==> flow/design.v <==
module mul_unit_mul_part #(parameter N = 4) (
  input logic [N-1:0] a,
  input logic [N-1:0] b,
  output logic [2*N-1:0] p
);
  assign p = a * b;
endmodule
module mul_unit #(
  parameter int DW = 6
) (
  input  logic CLK,
  input  logic clr,
  input  logic [DW-1:0] lhs_in,
  input  logic [DW-1:0] rhs_in,
  output logic [2*DW-1:0] m_out
);
  logic [DW-1:0] lhs_s;
  always_ff @(posedge CLK) begin
    if (clr) begin
      lhs_s <= '0;
    end else begin
      lhs_s <= lhs_in;
    end
  end
  logic [DW-1:0] rhs_s;
  always_ff @(posedge CLK) begin
    if (clr) begin
      rhs_s <= '0;
    end else begin
      rhs_s <= rhs_in;
    end
  end
  localparam int HW = DW / 2;
  logic [DW-1:0] ll;
  mul_unit_mul_part #(.N(HW)) inst (.a(lhs_s[HW-1:0]), .b(rhs_s[HW-1:0]), .p(ll));
  logic [DW-1:0] lh;
  mul_unit_mul_part #(.N(HW)) el (.a(lhs_s[HW-1:0]), .b(rhs_s[DW-1:HW]), .p(lh));
  logic [DW-1:0] hl;
  mul_unit_mul_part #(.N(HW)) i_sub (.a(lhs_s[DW-1:HW]), .b(rhs_s[HW-1:0]), .p(hl));
  logic [DW-1:0] hh;
  mul_unit_mul_part #(.N(HW)) unit (.a(lhs_s[DW-1:HW]), .b(rhs_s[DW-1:HW]), .p(hh));
  logic [DW:0] mid;
  assign mid = lh + hl;
  always_ff @(posedge CLK) begin
    if (clr) begin
      m_out <= '0;
    end else begin
      m_out <= {hh, ll} + {mid, {HW{1'b0}}};
    end
  end
endmodule
Appendix: tool output

---- Step by step through the tools: mul_unit ----
Tool output for the members of one design family, told apart by "DW", in the order of the flow.
The RTL above is that of DW = 6; lines are counted from 1 in the file of the member named.
Operators: Yosys type, input widths -> output width; for muxes data width and select width s.
The mark -- stands for no value.
set-up
  top ..................................... mul_unit
  clock input ............................. CLK
  standard-cell library ................... sky130hd
  timing corner ........................... tt_025C_1v80

---- Source of the members ----
Lines of each other member's file that are new or changed against the file above; lines that a member lacks are not shown.
lines new or changed
  DW  RTL line  RTL
  8   9         parameter int DW = 8
  18  9         parameter int DW = 18
  20  9         parameter int DW = 20
  22  9         parameter int DW = 22

---- Word level ----
Counts by Yosys on the flattened word-level netlist (proc, flatten, opt, wreduce; memories kept). Register bits leave out memories and registers merged into their read ports (data or address); mux counts leave out enables and synchronous resets folded into registers. Print and check cells are left out. Cells with the same type and inputs are merged into one.
bit counts
  DW  memory cells  word width x clocked read ports  bits in writable memories  output and inout bits  bits in latches  bits in read-only memories  bits in registers  input port bits  cells after elaboration
  6   0             0                                0                          12                     0                0                           24                 14               9
  8   0             0                                0                          16                     0                0                           32                 18               9
  18  0             0                                0                          36                     0                0                           72                 38               9
  20  0             0                                0                          40                     0                0                           80                 42               9
  22  0             0                                0                          44                     0                0                           88                 46               9
cells by class
  DW  $lt $le $gt $ge  bitwise operators  multiply operators  mux-type cells  div/mod/pow operators  shift operators  equality and inequality tests  reductions and logical operators  add/subtract/negate cells
  6   0                0                  4                   0               0                      0                0                              0                                 2
  8   0                0                  4                   0               0                      0                0                              0                                 2
  18  0                0                  4                   0               0                      0                0                              0                                 2
  20  0                0                  4                   0               0                      0                0                              0                                 2
  22  0                0                  4                   0               0                      0                0                              0                                 2
operator list
  DW  kind and count
  6   $mul 3x3->6: 4; $add 12x10->12: 1; $add 6x6->7: 1
  8   $mul 4x4->8: 4; $add 16x13->16: 1; $add 8x8->9: 1
  18  $mul 9x9->18: 4; $add 36x28->36: 1; $add 18x18->19: 1
  20  $mul 10x10->20: 4; $add 40x31->40: 1; $add 20x20->21: 1
  22  $mul 11x11->22: 4; $add 44x34->44: 1; $add 22x22->23: 1

---- Longest topological paths ----
Yosys ltp: most cells in a row. Word level: on the elaborated netlist, between registers, memories and ports. Mapped: between sequential cells and ports; inverters and the memories' decode and read muxes count.
logic depth
  DW  depth in word-level cells  ABC_AREA  gate-level depth with buffers  gate-level depth less buffers
  6   3                          0         17                             17
  8   3                          0         21                             21
  18  3                          0         32                             30
  20  3                          0         32                             31
  22  3                          0         32                             31

---- Mapped cells and area ----
Source: synth_stat.txt of the flow (Yosys; design flattened, memories mapped). It holds for the ABC_AREA given above (unset counts as 0); a run with the other value may have another netlist.
synthesis totals
  DW  chip area (Yosys) (um^2)  cell count  flip-flop cells  area of sequential cells (um^2)  buffer cells
  6   1908.1                    208         24               480.5                            4
  8   3218.1                    359         32               640.6                            3
  18  13390.3                   1511        72               1441.4                           54
  20  16932.5                   1910        80               1601.5                           91
  22  19964.1                   2260        88               1761.7                           102
cells by type
  DW  type and count
  6   sky130_fd_sc_hd__dfxtp_1: 24; sky130_fd_sc_hd__ha_1: 28; sky130_fd_sc_hd__fa_1: 14; sky130_fd_sc_hd__and2_1: 26; sky130_fd_sc_hd__nor2b_1: 17; sky130_fd_sc_hd__inv_1: 25; sky130_fd_sc_hd__nand2_1: 15; sky130_fd_sc_hd__nor2_1: 11; sky130_fd_sc_hd__a211oi_1: 4; sky130_fd_sc_hd__a21o_1: 4; sky130_fd_sc_hd__xor2_1: 3; sky130_fd_sc_hd__a21oi_1: 4; sky130_fd_sc_hd__o21ai_0: 4; sky130_fd_sc_hd__or4b_1: 2; sky130_fd_sc_hd__nand2b_1: 3; sky130_fd_sc_hd__nor4b_1: 2; sky130_fd_sc_hd__xnor2_1: 2; sky130_fd_sc_hd__nor3_1: 3; [+17]
  8   sky130_fd_sc_hd__ha_1: 54; sky130_fd_sc_hd__dfxtp_1: 32; sky130_fd_sc_hd__fa_1: 27; sky130_fd_sc_hd__and2_1: 45; sky130_fd_sc_hd__inv_1: 57; sky130_fd_sc_hd__nor2b_1: 20; sky130_fd_sc_hd__xnor2_1: 11; sky130_fd_sc_hd__nand2_1: 25; sky130_fd_sc_hd__a21oi_1: 14; sky130_fd_sc_hd__nor2_1: 17; sky130_fd_sc_hd__xor2_1: 6; sky130_fd_sc_hd__a21o_1: 5; sky130_fd_sc_hd__a211oi_1: 4; sky130_fd_sc_hd__o21a_1: 4; sky130_fd_sc_hd__o21bai_1: 4; sky130_fd_sc_hd__o21ai_0: 5; sky130_fd_sc_hd__or4_1: 3; sky130_fd_sc_hd__nor3_1: 4; [+22]
  18  sky130_fd_sc_hd__fa_1: 228; sky130_fd_sc_hd__ha_1: 169; sky130_fd_sc_hd__dfxtp_1: 72; sky130_fd_sc_hd__inv_1: 302; sky130_fd_sc_hd__and2_1: 142; sky130_fd_sc_hd__nand2_1: 199; sky130_fd_sc_hd__xnor2_1: 37; sky130_fd_sc_hd__nor2b_1: 50; sky130_fd_sc_hd__clkbuf_1: 53; sky130_fd_sc_hd__xor2_1: 18; sky130_fd_sc_hd__nor2_1: 41; sky130_fd_sc_hd__a21oi_1: 30; sky130_fd_sc_hd__a21o_1: 14; sky130_fd_sc_hd__nor3_1: 20; sky130_fd_sc_hd__o21ai_0: 18; sky130_fd_sc_hd__o21a_1: 9; sky130_fd_sc_hd__nand3_1: 13; sky130_fd_sc_hd__and3_1: 8; [+88]
  20  sky130_fd_sc_hd__fa_1: 284; sky130_fd_sc_hd__ha_1: 232; sky130_fd_sc_hd__dfxtp_1: 80; sky130_fd_sc_hd__inv_1: 359; sky130_fd_sc_hd__and2_1: 214; sky130_fd_sc_hd__nand2_1: 222; sky130_fd_sc_hd__xnor2_1: 51; sky130_fd_sc_hd__clkbuf_1: 89; sky130_fd_sc_hd__nor2b_1: 51; sky130_fd_sc_hd__a21oi_1: 52; sky130_fd_sc_hd__nor2_1: 58; sky130_fd_sc_hd__a21o_1: 20; sky130_fd_sc_hd__o21ai_0: 27; sky130_fd_sc_hd__xor2_1: 15; sky130_fd_sc_hd__nand3_1: 15; sky130_fd_sc_hd__nor3_1: 14; sky130_fd_sc_hd__a211oi_1: 9; sky130_fd_sc_hd__o21bai_1: 9; [+109]
  22  sky130_fd_sc_hd__fa_1: 360; sky130_fd_sc_hd__ha_1: 255; sky130_fd_sc_hd__dfxtp_1: 88; sky130_fd_sc_hd__inv_1: 450; sky130_fd_sc_hd__and2_1: 247; sky130_fd_sc_hd__nand2_1: 273; sky130_fd_sc_hd__xnor2_1: 45; sky130_fd_sc_hd__clkbuf_1: 98; sky130_fd_sc_hd__nor2b_1: 55; sky130_fd_sc_hd__a21oi_1: 56; sky130_fd_sc_hd__nor2_1: 60; sky130_fd_sc_hd__xor2_1: 18; sky130_fd_sc_hd__a21o_1: 20; sky130_fd_sc_hd__nor3_1: 30; sky130_fd_sc_hd__o21ai_0: 25; sky130_fd_sc_hd__nand3_1: 23; sky130_fd_sc_hd__and3_1: 14; sky130_fd_sc_hd__o211ai_1: 10; [+133]
The mark [+n] counts cells that are not listed.
By module: a second synthesis without flattening, with its own total; a netlist apart from the flattened one above.
unflattened totals
  DW  cell total of the unflattened synthesis  area (unflattened synthesis) (um^2)
  6   213                                      1964.4
  8   381                                      3508.4
  18  1693                                     14697.8
  20  2049                                     17745.8
  22  2501                                     21491.9

---- Timing after synthesis ----
Path of least setup slack by OpenSTA after synthesis, without wires, with an ideal clock, recovery checks aside; 20% of the period is set as input and as output delay. Where synthesis merged equal registers, the netlist keeps one of their names.
timing path after synthesis
  DW  path kind             start               end                 driving pins on the path  delay of the path (ns)  period (ns)  path slack (ns)  period reached after synthesis (ns)
  6   register to register  register lhs_s[0]   register m_out[10]  18                        4.085                   5.11         1.025            4.085
  8   register to register  register rhs_s[3]   register m_out[15]  21                        5.214                   6.52         1.306            5.214
  18  register to register  register lhs_s[15]  register m_out[35]  29                        7.318                   9.15         1.832            7.318
  20  register to register  register lhs_s[5]   register m_out[39]  30                        7.741                   9.68         1.939            7.741
  22  register to register  register lhs_s[4]   register m_out[41]  31                        7.827                   9.78         1.953            7.827
"delay of the path" = arrival - input delay + setup time.
"driving pins on the path": output pins that drive a net of the path, with the launching flip-flop's if there is one; two outputs of one cell count as two.
"period reached after synthesis" is the clock period less the worst setup slack; recovery checks do not enter. This is arithmetic on one report: input and output delays are still those of the set period (20% each).
Between the ends stands the longest chain of elaborated cells between them, by number of cells; it is not shown to be the way that was timed. Of several equally long chains one is given.
A line is the first line of the expression or statement that the cell stems from. Yosys adds cells for indexed reads and writes and turns some case tables into memories.
between the ends, after synthesis, DW = 6
  cells in the longest elaborated chain ... 3
ends and longest elaborated chain, after synthesis, DW = 6
  item            RTL line  RTL
  from (decl)     17        logic [DW-1:0] lhs_s;
  from (assign)   20        lhs_s <= '0;
  from (assign)   22        lhs_s <= lhs_in;
  $mul 3x3->6     6         assign p = a * b;
  $add 6x6->7     43        assign mid = lh + hl;
  $add 12x10->12  48        m_out <= {hh, ll} + {mid, {HW{1'b0}}};
  to (assign)     46        m_out <= '0;
  to (assign)     48
  to (decl)       15        output logic [2*DW-1:0] m_out
between the ends, after synthesis, DW = 22
  cells in the longest elaborated chain ... 3
ends and longest elaborated chain, after synthesis, DW = 22
  item            RTL line  RTL
  from (decl)     17        logic [DW-1:0] lhs_s;
  from (assign)   20        lhs_s <= '0;
  from (assign)   22        lhs_s <= lhs_in;
  $mul 11x11->22  6         assign p = a * b;
  $add 22x22->23  43        assign mid = lh + hl;
  $add 44x34->44  48        m_out <= {hh, ll} + {mid, {HW{1'b0}}};
  to (assign)     46        m_out <= '0;
  to (assign)     48
  to (decl)       15        output logic [2*DW-1:0] m_out

---- Timing after layout ----
From the final timing report of each member's run: the path of least setup slack in the routed layout; clock arrival at registers is part of the times.
timing path after layout
  DW  path kind             start              end                 period (ns)  path slack (ns)  buffers on the path  driving pins on the path  data arrival time (ns)
  6   register to register  register lhs_s[0]  register m_out[10]  5.11         0.82             0                    18                        4.50
  8   register to register  register lhs_s[4]  register m_out[15]  6.52         1.02             0                    21                        5.72
  18  register to register  register rhs_s[0]  register m_out[35]  9.15         0.83             0                    27                        8.61
  20  register to register  register rhs_s[2]  register m_out[39]  9.68         0.99             0                    31                        8.95
  22  register to register  register lhs_s[3]  register m_out[41]  9.78         0.67             0                    30                        9.39

---- Flow runs ----
One run of the flow (Yosys, OpenROAD) for each member, with settings and measured results. Input and output delays are each 20% of the period that was set; the output load is 0.01 pF.
flow settings
  CAP_MARGIN .............................. 20
  CORE_MARGIN ............................. 2
  CORE_UTILIZATION ........................ 40
  SLEW_MARGIN ............................. 20
settings by member
  DW  period_ns
  6   5.11
  8   6.52
  18  9.15
  20  9.68
  22  9.78
results
  DW  smallest hold slack (ns)  worst setup slack after layout (ns)  total negative slack (ns)  area of the standard cells in the finished layout (um^2)  post-layout utilization (%)  period achieved (ns)  cell area after synthesis (um^2)  die footprint (um^2)  total power after layout (mW)
  6   0.492                     0.819                                0.000                      2258.4                                                    48.5                         4.291                 1908.1                            5338.5                0.4237
  8   0.618                     1.022                                0.000                      3744.8                                                    48.2                         5.498                 3218.1                            8778.8                0.5321
  18  0.749                     0.829                                0.000                      14965.6                                                   45.0                         8.321                 13390.3                           34955.9               1.896
  20  0.879                     0.989                                0.000                      18552.8                                                   44.3                         8.691                 16932.5                           43993.0               2.265
  22  0.871                     0.670                                0.000                      21913.5                                                   44.6                         9.110                 19964.1                           51713.0               2.862
"period achieved" means the clock period less the worst setup slack. The figure is calculated, with input and output delays left at 20% of the set period.
"total power after layout": no workload was simulated; the value follows from the tool's default switching activity.
